==> flow/design.v <==
module cpu_mux_stage #(
    parameter NBITS = 2,
    parameter COUNT = 8,
    parameter LOGN = $clog2(COUNT)
) (
    input logic ck,
    input logic [COUNT*NBITS-1:0] ch,
    input logic [LOGN-1:0] sel,
    output logic [NBITS-1:0] o
);
    logic [COUNT*NBITS-1:0] ch_r;
    always_ff @(posedge ck) begin
        ch_r <= ch;
    end
    logic [LOGN-1:0] sel_r;
    always_ff @(posedge ck) begin
        sel_r <= sel;
    end
    logic [COUNT*NBITS-1:0] cur;
    assign cur = ch_r >> (sel_r * NBITS);
    always_ff @(posedge ck) begin
        o <= cur[NBITS-1:0];
    end
endmodule
# ---- Tool chain data of cpu_mux_stage
# The steps from the RTL of cpu_mux_stage to its reports follow in flow order.
# Lines are those of the file above, counted from 1.
# Cell names lack the library's common part.
# Not given: --
dict set report setup {
  top_module {cpu_mux_stage}
  clk_port {ck}
  lib {sky130hd}
  corner {tt_025C_1v80}
}

# ---- Word-level counts
# Source: Yosys, flattened and elaborated, memories not mapped. Widths are those after wreduce; folded enables and synchronous resets count as part of the registers. Registers that Yosys merges into a memory's read port (data or address) are not register bits. Print and check cells do not count. Equal cells are merged and count once.
dict set report word_totals {
  register_bits 21
  out_inout_bits 2
  word_cells 4
}
dict set report op_classes {
  shift 1
}
# operator n
set op_table {}
lappend op_table {{16-bit by 4-bit right shift with 2-bit output} 1}

# ---- Depth
# Yosys ltp: most cells in a row. Word level: on the elaborated netlist, between registers, memories and ports. Mapped: between sequential cells and ports; inverters and the memories' decode and read muxes count.
dict set report depth {
  depth_word 1
  abc_area 1
  depth_mapped 7
  mapped_depth_nobuf 6
}

# ---- After synthesis
# Source: synth_stat.txt of the flow (Yosys; design flattened, memories mapped). It holds for the ABC_AREA given above (unset counts as 0); a run with the other value may have another netlist.
# Totals and module areas in this step are rounded.
dict set report mapped {
  stdcells 75
  yosys_area_um2 643
  sequential_area_um2 420
  ffs 21
}
# type n area_total_um2
set by_type {}
lappend by_type {dfxtp_1 21 420.403}
lappend by_type {nand2_1 26 97.594}
lappend by_type {inv_1 11 41.29}
lappend by_type {nand3_1 8 40.038}
lappend by_type {inv_2 7 26.275}
lappend by_type {buf_6 1 11.261}
lappend by_type {inv_4 1 6.256}

# ---- Worst setup path after synthesis
# Path of least setup slack by OpenSTA after synthesis, without wires, with an ideal clock, recovery checks aside; 20% of the period is set as input and as output delay. Where synthesis merged equal registers, the netlist keeps one of their names.
dict set report synth_path {
  kind {reg-to-reg}
  from {reg sel_r[0]}
  to {reg o[0]}
  period_ns 1.63
  arrival_ns 0.708
  slack_ns 0.810
  path_delay_ns 0.820
  driving_pins 8
  synth_period_reached_ns 0.82
}
# "path_delay_ns" = arrival - input delay + setup time.
# "driving_pins" counts driving pins, that of a launching flip-flop among them; a cell with two outputs on the path counts twice.
# "synth_period_reached_ns" is the clock period less the worst setup slack; recovery checks do not enter. This is arithmetic on one report: input and output delays are still those of the set period (20% each).
# The rows between start and end are the longest chain of elaborated cells between them; the timing report does not say that the signal goes this way. Where chains are equally long, one stands for them.
# Each line given opens the expression or statement behind the cell; cells for indexed reads and writes are added by Yosys, which also makes memories of some case tables.
dict set report synth_via {
  cell_sequence {dfxtp_1 > buf_6 > inv_4 > nand2_1 > nand3_1 > nand2_1 > nand2_1 > nand2_1}
  elab_chain_len 1
  cone_cells 1
  classes_between {shift: 1}
}
# element line_no
set synth_lines {}
lappend synth_lines {{start: declaration} 15} ;# logic [LOGN-1:0] sel_r;
lappend synth_lines {{start: assignment} 17} ;# sel_r <= sel;
lappend synth_lines {{16-bit by 4-bit right shift with 2-bit output} 20} ;# assign cur = ch_r >> (sel_r * NBITS);
lappend synth_lines {{end: assignment} 22} ;# o <= cur[NBITS-1:0];
lappend synth_lines {{end: declaration} 9} ;# output logic [NBITS-1:0] o

# ---- Path in the finished layout
# Path of least setup slack in the final report of run A (OpenROAD, finished layout, wires in). Where an end is a register, its clock arrival counts in the times.
dict set report layout_path {
  kind {reg-to-output}
  from {reg o[1]}
  to {out o[1]}
  period_ns 2.35
  output_delay_ns 0.47
  arrival_ns 1.21
  slack_ns 0.67
  driving_pins 2
}
dict set report layout_via {
  cell_sequence {dfxtp_1 > clkdlybuf4s50_1}
  elab_chain_len 0
  cone_cells 0
}
# element line_no
set layout_lines {}
lappend layout_lines {{start: declaration} 9} ;# output logic [NBITS-1:0] o
lappend layout_lines {{start: assignment} 22} ;# o <= cur[NBITS-1:0];
lappend layout_lines {{end: declaration} 9}

# Module cpu_mux_stage, platform sky130hd: 3 stored runs of the flow (Yosys, OpenROAD) with differing settings, in no particular order. Input and output delays are each 20% of the period that was set; the output load is 0.01 pF.
# "clock_period_reached_ns" is the run's clock period less its worst setup slack. It is reckoned from that one timing run; input and output delays stay at 20% of the period that was set.
# "worst_path_time_ns" means the part of the period allowed to the worst setup path (the constraints hold back 20% at inputs and 20% at outputs) less its slack; where the path has registers, the arrival times of their clocks count too.
# "power_uw" rests on the timing tool's default activity at the inputs, not on a simulated workload.
# Results are given in rounded form.
run="run A" settings period_ns=2.35 CORE_UTILIZATION=57 SETUP_SLACK_MARGIN=-0.02 PLACE_DENSITY_LB_ADDON=0.25 HOLD_SLACK_MARGIN=0.25 TNS_END_PERCENT=95 ABC_AREA=1 GPL_TIMING_DRIVEN=0 CTS_CLUSTER_SIZE=12 CTS_CLUSTER_DIAMETER=25 CAP_MARGIN=0 SLEW_MARGIN=20 MIN_ROUTING_LAYER="met1" CORE_MARGIN=2
run="run A" results clock_period_reached_ns=1.684 final_die_area_um2=1410 yosys.chip_area_um2=643 power_uw=627 setup_ws_ns=0.666 setupTns_ns=0.000 final_util_pct=83.0 worst_path_time_ns=1.21 worst_setup_path_type="reg-to-output" hold_ws_ns=0.483
run="run B" settings period_ns=1.63 CAP_MARGIN=20 CORE_MARGIN=2 CORE_UTILIZATION=40 SLEW_MARGIN=20
run="run B" results clock_period_reached_ns=1.472 final_die_area_um2=1680 yosys.chip_area_um2=548 power_uw=879 setup_ws_ns=0.158 setupTns_ns=0.000 final_util_pct=62.6 worst_path_time_ns=1.15 worst_setup_path_type="reg-to-output" hold_ws_ns=0.459
run="run C" settings period_ns=1.1 CORE_UTILIZATION=31 SETUP_SLACK_MARGIN=0.28 HOLD_SLACK_MARGIN=0.16 CORE_MARGIN=10 TNS_END_PERCENT=100 ABC_AREA=1 CTS_CLUSTER_SIZE=91 CTS_CLUSTER_DIAMETER=194 SLEW_MARGIN=30 CAP_MARGIN=20
run="run C" results clock_period_reached_ns=0.964 final_die_area_um2=4300 yosys.chip_area_um2=643 power_uw=1360 setup_ws_ns=0.136 setupTns_ns=0.000 final_util_pct=50.3 worst_path_time_ns=0.74 worst_setup_path_type="reg-to-output" hold_ws_ns=0.335
